==> flow/design.v <==
module cmp_unit_mod #(
  parameter W = 48
) (
  input  wire core_clk,
  input  wire [W-1:0] u,
  input  wire [W-1:0] v,
  output wire gt,
  output wire lt
);
  reg [W-1:0] u_r;
  reg [W-1:0] v_r;
  reg g;
  reg l;
  integer t;
  always @* begin
    g = 1'b0;
    l = 1'b0;
    for (t = W-1; t >= 0; t = t - 1) begin
      if (!g && !l) begin
        g = u_r[t] & ~v_r[t];
        l = ~u_r[t] & v_r[t];
      end
    end
  end
  reg gt_r;
  assign gt = gt_r;
  reg lt_r;
  assign lt = lt_r;
  always @(posedge core_clk) begin
    u_r <= u;
    v_r <= v;
    gt_r <= g;
    lt_r <= l;
  end
endmodule
* Tool chain data of cmp_unit_mod
The steps from the RTL of cmp_unit_mod to its reports follow in flow order. Lines are those of the file above, counted from 1. Cell names lack the library's common part. A cell with -- has no value.
Inputs: top module cmp_unit_mod, clock core_clk, library sky130hd, corner tt_025C_1v80

* Word level
Source: Yosys, flattened and elaborated, memories not mapped. Widths are those after wreduce; folded enables and synchronous resets count as part of the registers. Registers that Yosys merges into a memory's read port (data or address) are not register bits. Print and check cells do not count. Equal cells are merged and count once.
Bit counts: register bits 98, bits of input ports 97, output and inout port bits 2, cells after elaboration 431
Cells by class: muxes and demuxes 94, bitwise operators 192, reduce/logical cells 141
Operators by type and width (number):
- 1-bit AND | 96
- 1-bit NOT | 96
- 1-bit logical NOT | 94
- 1-bit two-way mux | 94
- 1-bit logical AND | 47

* Depth
Yosys ltp: most cells in a row. Word level: on the elaborated netlist, between registers, memories and ports. Mapped: between sequential cells and ports; inverters and the memories' decode and read muxes count.
Logic depth: word-level depth 143, ABC_AREA 0, mapped depth 9, mapped depth without buffers 9

* After synthesis
Yosys stat after the flow's synthesis: flattened, memories mapped to cells. It holds for the ABC_AREA given above (unset counts as 0); a run with the other value may have another netlist. Totals and module areas in this step are rounded.
Synthesis totals: cells in the netlist 291, chip area (Yosys) 3260 um2, area of sequential cells 1960 um2, flip-flops 98, buffer cells 0
Cells by type:
- dfxtp_1 | number 98, area in all 1.96E+03 um2
- maj3_1 | number 36, area in all 360.346 um2
- nor2b_1 | number 21, area in all 131.376 um2
- inv_1 | number 32, area in all 120.115 um2
- nand2b_1 | number 18, area in all 112.608 um2
- a21oi_1 | number 14, area in all 70.067 um2
- maj3_2 | number 6, area in all 67.565 um2
- o21ai_0 | number 12, area in all 60.058 um2
- a21o_1 | number 4, area in all 30.029 um2
- o21bai_1 | number 4, area in all 30.029 um2
- nand2_1 | number 7, area in all 26.275 um2
- ha_1 | number 2, area in all 25.024 um2
- o211ai_1 | number 3, area in all 22.522 um2
- a21bo_2 | number 2, area in all 20.019 um2
- nor2_1 | number 5, area in all 18.768 um2
- a21boi_0 | number 2, area in all 15.014 um2
- a221oi_2 | number 1, area in all 15.014 um2
- nand3_1 | number 3, area in all 15.014 um2
Other cell types: 17; their cells: 21.

* Worst setup path after synthesis
OpenSTA on the mapped netlist: ideal clock, no wires. The path of least setup slack (recovery checks aside). Input and output delay are each 20% of the period. Register names are those of the netlist, which keeps one name where synthesis merged equal registers.
Timing post-synthesis: path type register to register, start reg v_r[22], end reg lt_r, period 2.64 ns, library setup time 0.114 ns, launch time at the first pin 0.000 ns, arrival time 1.994 ns, data required time 2.526 ns, slack 0.532 ns, delay of the path 2.108 ns, driving pins on the path 9, buffers on the path 0, synthesis period reached 2.108 ns
"delay of the path" is the arrival time less input delay plus setup time. "driving pins on the path" counts driving pins, that of a launching flip-flop among them; a cell with two outputs on the path counts twice. "synthesis period reached" is the clock period less the worst setup slack; recovery checks do not enter. This is arithmetic on one report: input and output delays are still those of the set period (20% each). The rows between start and end are the longest chain of elaborated cells between them; the timing report does not say that the signal goes this way. Where chains are equally long, one stands for them. Each line given opens the expression or statement behind the cell; cells for indexed reads and writes are added by Yosys, which also makes memories of some case tables.
On the way, post-synthesis: cell sequence dfxtp_1 > nor2b_4 > maj3_2 > maj3_2 > maj3_2 > a21o_1 > a221oi_2 > o21ai_1 > a21o_1, cells in the longest elaborated chain 69, elaborated cells on any way between the ends 114, RTL lines with such cells 3, those cells by class mux (45); logic (3); reduce/logical (66)
Ends and longest elaborated chain, post-synthesis:
- from (decl) | line 11 | reg [W-1:0] v_r;
- from (assign) | line 31 | v_r <= v;
- 1-bit NOT | line 20 | g = u_r[t] & ~v_r[t];
- 1-bit AND | line 20
- 1-bit two-way mux | line 19 | if (!g && !l) begin
- 1-bit logical NOT | line 19
- 1-bit logical AND | line 19
- 1-bit two-way mux | line 19
- 1-bit logical NOT | line 19
- [55 not listed]
- 1-bit two-way mux | line 19
- 1-bit logical NOT | line 19
- 1-bit logical AND | line 19
- 1-bit two-way mux | line 19
- 1-bit logical NOT | line 19
- 1-bit logical AND | line 19
- 1-bit two-way mux | line 19
- to (assign) | line 33 | lt_r <= l;
- to (decl) | line 27 | reg lt_r;

* Timing after layout
Path of least setup slack in the final report of job 1 (OpenROAD, finished layout, wires in). Where an end is a register, its clock arrival counts in the times.
Timing after layout: path type register to register, start reg v_r[22], end reg lt_r, period 1.5 ns, library setup time 0.10 ns, launch time at the first pin 0.35 ns, arrival time 2.40 ns, data required time 1.75 ns, slack -0.65 ns, driving pins on the path 9, buffers on the path 0
The rows between start and end are the longest chain of elaborated cells between them; the timing report does not say that the signal goes this way. Where chains are equally long, one stands for them.
On the way, after layout: cell sequence dfxtp_1 > nor2b_4 > maj3_2 > maj3_2 > maj3_2 > a21o_1 > a221oi_2 > o21ai_1 > a21o_1, cells in the longest elaborated chain 69, elaborated cells on any way between the ends 114, RTL lines with such cells 3, those cells by class mux (45); logic (3); reduce/logical (66)
Ends and longest elaborated chain, after layout:
- from (decl) | line 11 | reg [W-1:0] v_r;
- from (assign) | line 31 | v_r <= v;
- 1-bit NOT | line 20 | g = u_r[t] & ~v_r[t];
- 1-bit AND | line 20
- 1-bit two-way mux | line 19 | if (!g && !l) begin
- 1-bit logical NOT | line 19
- 1-bit logical AND | line 19
- 1-bit two-way mux | line 19
- 1-bit logical NOT | line 19
- [55 not listed]
- 1-bit two-way mux | line 19
- 1-bit logical NOT | line 19
- 1-bit logical AND | line 19
- 1-bit two-way mux | line 19
- 1-bit logical NOT | line 19
- 1-bit logical AND | line 19
- 1-bit two-way mux | line 19
- to (assign) | line 33 | lt_r <= l;
- to (decl) | line 27 | reg lt_r;

# Flow runs of cmp_unit_mod

Settings and measured results of 3 stored flow runs for module cmp_unit_mod (sky130hd), not sorted in any way. The constraints put input and output delay at 20% of the set period each and load the outputs with 0.01 pF.
"critical setup path time" means the part of the period allowed to the worst setup path (the constraints hold back 20% at inputs and 20% at outputs) less its slack; where the path has registers, the arrival times of their clocks count too.
"total design power" rests on the timing tool's default activity at the inputs, not on a simulated workload.
Results are given in rounded form.

* Job 1 | settings: period_ns 1.5; CORE_UTILIZATION 49; SETUP_SLACK_MARGIN 0.18; PLACE_DENSITY_LB_ADDON 0.2; HOLD_SLACK_MARGIN 0.06; CELL_PAD_IN_SITES_GLOBAL_PLACEMENT 1; TNS_END_PERCENT 100; GPL_ROUTABILITY_DRIVEN 1; CTS_CLUSTER_SIZE 52; CTS_CLUSTER_DIAMETER 287; CAP_MARGIN 30; SLEW_MARGIN 40; CORE_MARGIN 2 | results: critical setup path time 2.15 ns; class of the worst setup path register to register; final setup TNS -1.19 ns; mapped cell area after synthesis 3260 um2; utilization in the final report 73.4%; die footprint 7320 um2; setup slack of the worst path -0.651 ns; post-route worst hold slack 0.372 ns; total design power 5.13 mW
* Job 2 | settings: period_ns 2.06; CORE_UTILIZATION 66; PLACE_DENSITY 0.77; CORE_ASPECT_RATIO 0.93; CELL_PAD_IN_SITES_GLOBAL_PLACEMENT 1; CELL_PAD_IN_SITES_DETAIL_PLACEMENT 1; ABC_AREA 1; CAP_MARGIN 15; SLEW_MARGIN 0; MAX_ROUTING_LAYER met4; CORE_MARGIN 2 | no results, placement failed with GPL-0301
* Job 3 | settings: period_ns 2.64; CAP_MARGIN 20; CORE_MARGIN 2; CORE_UTILIZATION 40; SLEW_MARGIN 20 | results: critical setup path time 2.22 ns; class of the worst setup path register to register; final setup TNS 0.000 ns; mapped cell area after synthesis 3260 um2; utilization in the final report 58.4%; die footprint 8880 um2; setup slack of the worst path 0.424 ns; post-route worst hold slack 0.599 ns; total design power 2.89 mW
